==> flow/design.v <==
module alu_relation #(
  parameter DWIDTH = 14
) (
  input  wire clk,
  input  wire i_rst_n,
  input  wire [DWIDTH-1:0] op_a_in,
  input  wire [DWIDTH-1:0] op_b_in,
  input  wire [DWIDTH-1:0] op_c_in,
  output reg [DWIDTH-1:0] result_out
);
  reg [DWIDTH-1:0] op_a_reg;
  reg [DWIDTH-1:0] op_b_reg;
  reg [DWIDTH-1:0] op_c_reg;
  always @(posedge clk or negedge i_rst_n) begin
    if (!i_rst_n) begin
      op_a_reg <= 0;
      op_b_reg <= 0;
      op_c_reg <= 0;
      result_out <= 0;
    end else begin
      op_a_reg <= op_a_in;
      op_b_reg <= op_b_in;
      op_c_reg <= op_c_in;
      result_out <= (op_a_reg < op_b_reg) ? op_b_reg : (op_a_reg > op_c_reg) ? op_c_reg : op_a_reg;
    end
  end
endmodule
# From RTL to reports: alu_relation
# Tool output for the members of one design family, told apart by "DWIDTH", in the order of the flow.
# The RTL above is that of DWIDTH = 14; lines are counted from 1 in the file of the member named.
# Operators: Yosys type, input widths -> output width; for muxes data width and select width s.
# Cell names lack the library's common part.
# Not given: --
# setup
design	alu_relation
clock_port	clk
cell_library	sky130hd
lib_corner	tt_025C_1v80

# Source of the members
# Lines of each other member's file that are new or changed against the file above; lines that a member lacks are not shown.
# src_changes
DWIDTH	line	rtl
16	2	parameter DWIDTH = 16
18	2	parameter DWIDTH = 18
64	2	parameter DWIDTH = 64

# Elaborated design
# Source: Yosys, flattened and elaborated, memories not mapped. Widths are those after wreduce; folded enables and synchronous resets count as part of the registers. Registers that Yosys merges into a memory's read port (data or address) are not register bits. Print and check cells do not count. Equal cells are merged and count once.
# op_classes
DWIDTH	compare	n_mux
14	2	2
16	2	2
18	2	2
64	2	2
# ops
DWIDTH	op_list
14	$mux 14: 2; $gt 14x14->1: 1; $lt 14x14->1: 1
16	$mux 16: 2; $gt 16x16->1: 1; $lt 16x16->1: 1
18	$mux 18: 2; $gt 18x18->1: 1; $lt 18x18->1: 1
64	$mux 64: 2; $gt 64x64->1: 1; $lt 64x64->1: 1
# bits
DWIDTH	reg_bits	in_bits	output_inout_bits	word_cells
14	56	44	14	8
16	64	50	16	8
18	72	56	18	8
64	256	194	64	8

# Longest topological paths
# Depth = most cells in a row (Yosys ltp): at word level without a register or memory, in the mapped netlist without a sequential cell, where the memories' decode and read muxes count.
# logic_depth
DWIDTH	depth_word	abc_area	depth_mapped	depth_no_buf
14	3	0	10	8
16	3	0	9	8
18	3	0	10	7
64	3	0	11	9

# Netlist
# Yosys stat after the flow's synthesis: flattened, memories mapped to cells. It holds for the ABC_AREA given above (unset counts as 0); a run with the other value may have another netlist.
# The area totals of this step are shown rounded.
# synth_totals
DWIDTH	mapped_cells	synth_area_um2	seq_area_um2	ffs	buf_cells
14	182	2390	1400	56	3
16	209	2730	1600	64	2
18	314	3710	1800	72	19
64	1174	13200	6410	256	73
# types
DWIDTH	type_list
14	dfrtp_1: 56; ha_1: 27; mux2i_1: 26; inv_1: 28; a21oi_1: 10; nand4_1: 5; mux2_4: 2; a21o_1: 3; nand2_1: 5; o31a_1: 2; nand3_1: 3; nand2b_1: 2; o31ai_2: 1; buf_6: 1; nor2_1: 3; o21ai_0: 2; a2111oi_0: 1; a21oi_2: 1; (+4)
16	dfrtp_1: 64; ha_1: 31; mux2i_1: 32; inv_1: 32; a21oi_1: 13; nand2_1: 7; nand3_1: 5; nand4_1: 4; o31ai_4: 1; o21ai_0: 4; a21o_1: 2; buf_8: 1; nor4_1: 2; a21boi_2: 1; nor2_1: 3; a221o_1: 1; and4_2: 1; a21oi_2: 1; (+4)
18	dfrtp_1: 72; ha_1: 35; a2111oi_0: 18; a41oi_2: 9; nand4_1: 23; a22oi_1: 18; inv_1: 36; o211ai_1: 17; a41oi_1: 8; a21oi_1: 13; buf_2: 7; buf_6: 3; nand2_1: 9; o21a_1: 4; a211oi_2: 2; a21o_1: 3; clkbuf_1: 6; nor4_4: 1; (+30)
64	dfrtp_1: 256; ha_1: 127; a41oi_2: 60; o211ai_2: 60; a21oi_1: 109; inv_1: 128; and3_1: 62; nand3_1: 73; nor3_1: 67; nand4_1: 24; buf_2: 27; nand2_1: 33; clkbuf_1: 32; o21ai_0: 20; buf_8: 6; a21o_1: 7; o21a_1: 7; nor2_1: 13; (+63)
# A list marked (+n) leaves out that many cells.

# Worst setup path after synthesis
# Path of least setup slack by OpenSTA after synthesis, without wires, with an ideal clock, recovery checks aside; 20% of the period is set as input and as output delay. Where synthesis merged equal registers, the netlist keeps one of their names.
# synth_timing
DWIDTH	path_kind	startpoint	endpoint	clock_period_ns	setup_slack_ns	stages	path_delay_ns	period_less_setup_slack_ns
14	register to register	register op_a_reg[4]	register result_out[0]	2.78	0.559	9	2.221	2.221
16	register to register	register op_a_reg[7]	register result_out[10]	2.79	0.558	9	2.232	2.232
18	register to register	register op_a_reg[15]	register result_out[10]	2.67	0.531	9	2.139	2.139
64	register to register	register op_a_reg[62]	register result_out[10]	3.06	0.613	9	2.448	2.447
# "path_delay_ns" is the arrival time less input delay plus setup time.
# "stages" counts driving pins, that of a launching flip-flop among them; a cell with two outputs on the path counts twice.
# "period_less_setup_slack_ns" is the clock period less the worst setup slack; recovery checks do not enter. This is arithmetic on one report: input and output delays are still those of the set period (20% each).
# The rows between start and end are the longest chain of elaborated cells between them; the timing report does not say that the signal goes this way. Where chains are equally long, one stands for them.
# A line is the first line of the expression or statement that the cell stems from. Yosys adds cells for indexed reads and writes and turns some case tables into memories.
# synth_via_DWIDTH_14
elab_chain_len	3
# synth_lines_DWIDTH_14
item	line	rtl
start, declared	11	reg [DWIDTH-1:0] op_a_reg;
start, assigned	16	op_a_reg <= 0;
start, assigned	21	op_a_reg <= op_a_in;
$gt 14x14->1	24	result_out <= (op_a_reg < op_b_reg) ? op_b_reg : (op_a_reg > op_c_reg) ? op_c_reg : op_a_reg;
$mux 14 (2 in a row)	24
end, assigned	19	result_out <= 0;
end, assigned	24
end, declared	9	output reg [DWIDTH-1:0] result_out
# synth_via_DWIDTH_64
elab_chain_len	3
# synth_lines_DWIDTH_64
item	line	rtl
start, declared	11	reg [DWIDTH-1:0] op_a_reg;
start, assigned	16	op_a_reg <= 0;
start, assigned	21	op_a_reg <= op_a_in;
$gt 64x64->1	24	result_out <= (op_a_reg < op_b_reg) ? op_b_reg : (op_a_reg > op_c_reg) ? op_c_reg : op_a_reg;
$mux 64 (2 in a row)	24
end, assigned	19	result_out <= 0;
end, assigned	24
end, declared	9	output reg [DWIDTH-1:0] result_out

# Path in the finished layout
# From the final timing report of the run of each member: the path of least setup slack in the routed layout; clock arrival at registers is part of the times.
# layout_timing
DWIDTH	path_kind	startpoint	endpoint	clock_period_ns	setup_slack_ns	stages	arrival_time_ns	path_buffers
14	register to register	register op_a_reg[2]	register result_out[0]	2.78	0.29	8	2.69	0
16	register to register	register op_a_reg[14]	register result_out[5]	2.79	0.55	9	2.45	1
18	register to register	register op_a_reg[15]	register result_out[14]	2.67	0.15	8	2.70	1
64	register to register	register op_a_reg[59]	register result_out[13]	3.06	0.14	8	3.38	1

# Layout results
# Settings and results of one run of the flow (Yosys, OpenROAD) for each member follow. The constraints put input and output delay at 20% of the set period each and load the outputs with 0.01 pF.
# flow_settings
CAP_MARGIN	20
CORE_MARGIN	2
CORE_UTILIZATION	40
SLEW_MARGIN	20
# settings_diff
DWIDTH	period_ns
14	2.78
16	2.79
18	2.67
64	3.06
# results
DWIDTH	synthArea_um2	die_area_um2	layout_stdcell_area_um2	setup_ws_ns	total_negative_slack_ns	total_power_mw	achieved_period_ns
14	2390	6610	3170	0.291	0.000	1.74	2.489
16	2730	7500	3690	0.552	0.000	2.07	2.238
18	3710	10100	4770	0.155	0.000	2.48	2.515
64	13200	34600	17500	0.136	0.000	9.47	2.924
# By "achieved_period_ns" is meant the clock period of the run minus its worst setup slack. This is arithmetic on one report: input and output delays are still those of the set period (20% each).
# "total_power_mw": no workload was simulated; the value follows from the tool's default switching activity.
# The results are shown rounded.
